==> flow/design.v <==
module core_muxn_mod #(
  parameter integer W = 10,
  parameter integer NUM = 2,
  parameter integer LG = $clog2(NUM)
) (
  input  logic sys_clk,
  input  logic en,
  input  logic [NUM*W-1:0] in,
  input  logic [LG-1:0] addr,
  output logic [W-1:0] y
);
  wire [W-1:0] tree [1:2*NUM-1];
  for (genvar gi = 0; gi < NUM; gi++) begin : each
    assign tree[NUM+gi] = in[gi*W +: W];
  end
  for (genvar gi = 1; gi < NUM; gi++) begin : u_g
    sel2 #(.N(W)) unit (.a(tree[2*gi]), .b(tree[2*gi+1]), .s(addr[LG - $clog2(gi+1)]), .y(tree[gi]));
  end
  always_ff @(posedge sys_clk) begin
    if (en) begin
      y <= tree[1];
    end
  end
endmodule
module sel2 #(parameter N = 1) (
  input logic [N-1:0] a,
  input logic [N-1:0] b,
  input logic s,
  output logic [N-1:0] y
);
  assign y = s ? b : a;
endmodule
Ticket comment

From RTL to reports: core_muxn_mod
Module core_muxn_mod in several versions that differ in "W"; each step lists the members.
The file above is the member W = 10. Line numbers count from 1 in each member's own file.
Operators carry their Yosys type and port widths (W data, S select, Z words).
A cell with -- has no value.
Design
  design top: core_muxn_mod
  clock input: sys_clk
  standard-cell library: sky130hd
  timing corner: tt_025C_1v80

Members of the sweep
New or changed lines of each further member against the RTL above, in its own file; lines it lacks are not shown.
Lines new or changed
  W 12: line 2  | parameter integer W = 12,
  W 20: line 2  | parameter integer W = 20,
  W 32: line 2  | parameter integer W = 32,
  W 48: line 2  | parameter integer W = 48,

After elaboration
Counts by Yosys on the flattened word-level netlist (proc, flatten, opt, wreduce; memories kept). Register bits leave out memories and registers merged into their read ports (data or address); mux counts leave out enables and synchronous resets folded into registers. Print and check cells are left out. Cells with the same type and inputs are merged into one.
Operators by class (muxes and demuxes)
  W 10: 1
  W 12: 1
  W 20: 1
  W 32: 1
  W 48: 1
Operators by type and width (kind and count)
  W 10: 1 x $mux W10
  W 12: 1 x $mux W12
  W 20: 1 x $mux W20
  W 32: 1 x $mux W32
  W 48: 1 x $mux W48
Storage and ports
  W 10: input port bits 23, bits in registers 10
  W 12: input port bits 27, bits in registers 12
  W 20: input port bits 43, bits in registers 20
  W 32: input port bits 67, bits in registers 32
  W 48: input port bits 99, bits in registers 48

Logic depth
Yosys ltp: most cells in a row. Word level: on the elaborated netlist, between registers, memories and ports. Mapped: between sequential cells and ports; inverters and the memories' decode and read muxes count.
Logic depth
  W 10: depth after elaboration 1, ABC_AREA 0, gate-level depth with buffers 2
  W 12: depth after elaboration 1, ABC_AREA 0, gate-level depth with buffers 2
  W 20: depth after elaboration 1, ABC_AREA 0, gate-level depth with buffers 2
  W 32: depth after elaboration 1, ABC_AREA 0, gate-level depth with buffers 3
  W 48: depth after elaboration 1, ABC_AREA 0, gate-level depth with buffers 3

Synthesis result
The flow's flattened synthesis, as Yosys stat reports it; memories are mapped. The netlist is that of the ABC_AREA named above (0 if unset); the other value can give another one.
Cells by type (types with counts)
  W 10: 10 x sky130_fd_sc_hd__edfxtp_1; 10 x sky130_fd_sc_hd__mux2_4; 1 x sky130_fd_sc_hd__buf_6
  W 12: 12 x sky130_fd_sc_hd__edfxtp_1; 10 x sky130_fd_sc_hd__mux2_4; 2 x sky130_fd_sc_hd__mux2_2; 1 x sky130_fd_sc_hd__buf_6
  W 20: 20 x sky130_fd_sc_hd__edfxtp_1; 20 x sky130_fd_sc_hd__mux2_4; 2 x sky130_fd_sc_hd__buf_6
  W 32: 32 x sky130_fd_sc_hd__edfxtp_1; 30 x sky130_fd_sc_hd__mux2_4; 3 x sky130_fd_sc_hd__buf_12; 2 x sky130_fd_sc_hd__mux2_2; 1 x sky130_fd_sc_hd__buf_6
  W 48: 48 x sky130_fd_sc_hd__edfxtp_1; 28 x sky130_fd_sc_hd__mux2_2; 20 x sky130_fd_sc_hd__mux2_4; 3 x sky130_fd_sc_hd__buf_6; 2 x sky130_fd_sc_hd__buf_2
Mapped netlist
  W 10: chip area (Yosys) 461.7 um^2, flip-flops 10, cells in the netlist 21, area of sequential cells 300.3 um^2
  W 12: chip area (Yosys) 544.3 um^2, flip-flops 12, cells in the netlist 25, area of sequential cells 360.3 um^2
  W 20: chip area (Yosys) 923.4 um^2, flip-flops 20, cells in the netlist 42, area of sequential cells 600.6 um^2
  W 32: chip area (Yosys) 1505.2 um^2, flip-flops 32, cells in the netlist 68, area of sequential cells 960.9 um^2
  W 48: chip area (Yosys) 2100.8 um^2, flip-flops 48, cells in the netlist 101, area of sequential cells 1441.4 um^2
By module: a second synthesis without flattening, with its own total; a netlist apart from the flattened one above.
Second synthesis, totals
  W 10: cell total of the unflattened synthesis 21, area (unflattened synthesis) 461.7 um^2
  W 12: cell total of the unflattened synthesis 25, area (unflattened synthesis) 544.3 um^2
  W 20: cell total of the unflattened synthesis 42, area (unflattened synthesis) 923.4 um^2
  W 32: cell total of the unflattened synthesis 68, area (unflattened synthesis) 1505.2 um^2
  W 48: cell total of the unflattened synthesis 101, area (unflattened synthesis) 2100.8 um^2

Timing after synthesis
OpenSTA on the mapped netlist: ideal clock, no wires. The path of least setup slack (recovery checks aside). Input and output delay are each 20% of the period. Register names are those of the netlist, which keeps one name where synthesis merged equal registers.
Timing path post-synthesis
  W 10: kind in2reg, from in addr[0], to reg y[0], stages on the path 2, clock period 1090 ps, path delay 696 ps, slack 176 ps, synthesis period reached 914 ps
  W 12: kind in2reg, from in addr[0], to reg y[0], stages on the path 2, clock period 1090 ps, path delay 696 ps, slack 176 ps, synthesis period reached 914 ps
  W 20: kind in2reg, from in addr[0], to reg y[0], stages on the path 2, clock period 1090 ps, path delay 696 ps, slack 176 ps, synthesis period reached 914 ps
  W 32: kind in2reg, from in addr[0], to reg y[0], stages on the path 3, clock period 1250 ps, path delay 801 ps, slack 198 ps, synthesis period reached 1052 ps
  W 48: kind in2reg, from in addr[0], to reg y[24], stages on the path 3, clock period 1310 ps, path delay 838 ps, slack 210 ps, synthesis period reached 1100 ps
"path delay" = arrival - input delay + setup time.
"stages on the path": output pins that drive a net of the path, with the launching flip-flop's if there is one; two outputs of one cell count as two.
"synthesis period reached" is the clock period less the worst setup slack; recovery checks do not enter. This is arithmetic on one report: input and output delays are still those of the set period (20% each).
The rows between start and end are the longest chain of elaborated cells between them; the timing report does not say that the signal goes this way. Where chains are equally long, one stands for them.
Each line given opens the expression or statement behind the cell; cells for indexed reads and writes are added by Yosys, which also makes memories of some case tables.
On the way, post-synthesis, W = 10
  cells in the longest elaborated chain: 1
RTL lines, path post-synthesis, W = 10
  start: declaration: line 9  | input  logic [LG-1:0] addr,
  $mux W10: line 31  | assign y = s ? b : a;
  end: assignment: line 21  | y <= tree[1];
  end: declaration: line 10  | output logic [W-1:0] y
On the way, post-synthesis, W = 48
  cells in the longest elaborated chain: 1
RTL lines, path post-synthesis, W = 48
  start: declaration: line 9  | input  logic [LG-1:0] addr,
  $mux W48: line 31  | assign y = s ? b : a;
  end: assignment: line 21  | y <= tree[1];
  end: declaration: line 10  | output logic [W-1:0] y

Path in the finished layout
Path of least setup slack in the final report of the run of each member (OpenROAD, finished layout, wires in). Where an end is a register, its clock arrival counts in the times.
The report prints the path's times to 10 ps; the period is as set.
Timing path after layout
  W 10: kind reg2out, from reg y[8], to out y[8], stages on the path 2, clock period 1090 ps, data arrival time 850 ps, slack 20 ps, path buffers 1
  W 12: kind reg2out, from reg y[9], to out y[9], stages on the path 2, clock period 1090 ps, data arrival time 790 ps, slack 80 ps, path buffers 1
  W 20: kind reg2out, from reg y[10], to out y[10], stages on the path 2, clock period 1090 ps, data arrival time 840 ps, slack 30 ps, path buffers 1
  W 32: kind reg2out, from reg y[12], to out y[12], stages on the path 2, clock period 1250 ps, data arrival time 940 ps, slack 60 ps, path buffers 1
  W 48: kind reg2out, from reg y[45], to out y[45], stages on the path 2, clock period 1310 ps, data arrival time 960 ps, slack 90 ps, path buffers 1

Flow runs
Settings and results of one run of the flow (Yosys, OpenROAD) for each member follow. The constraints put input and output delay at 20% of the set period each and load the outputs with 0.01 pF.
Flow settings
  CAP_MARGIN: 20
  CORE_MARGIN: 2
  CORE_UTILIZATION: 40
  SLEW_MARGIN: 20
Settings by member (period_ns)
  W 10: 1.09
  W 12: 1.09
  W 20: 1.09
  W 32: 1.25
  W 48: 1.31
Measured results
  W 10: standard-cell area after routing 808.3 um^2, area inside the die boundary 1442.1 um^2, reached clock period 1071 ps, netlist area reported by Yosys 461.7 um^2, post-route utilization 0.737, smallest setup slack 19 ps, setup TNS 0 ps, power consumption 939.6 uW
  W 12: standard-cell area after routing 932.1 um^2, area inside the die boundary 1671.6 um^2, reached clock period 1007 ps, netlist area reported by Yosys 544.3 um^2, post-route utilization 0.725, smallest setup slack 83 ps, setup TNS 0 ps, power consumption 1086 uW
  W 20: standard-cell area after routing 1554.0 um^2, area inside the die boundary 2708.7 um^2, reached clock period 1062 ps, netlist area reported by Yosys 923.4 um^2, post-route utilization 0.709, smallest setup slack 28 ps, setup TNS 0 ps, power consumption 1714 uW
  W 32: standard-cell area after routing 2566.2 um^2, area inside the die boundary 4270.0 um^2, reached clock period 1188 ps, netlist area reported by Yosys 1505.2 um^2, post-route utilization 0.706, smallest setup slack 62 ps, setup TNS 0 ps, power consumption 2604 uW
  W 48: standard-cell area after routing 3663.5 um^2, area inside the die boundary 5847.7 um^2, reached clock period 1223 ps, netlist area reported by Yosys 2100.8 um^2, post-route utilization 0.722, smallest setup slack 87 ps, setup TNS 0 ps, power consumption 3474 uW
By "reached clock period" is meant the clock period of the run minus its worst setup slack. This is arithmetic on one report: input and output delays are still those of the set period (20% each).
"power consumption" rests on the timing tool's default activity at the inputs, not on a simulated workload.
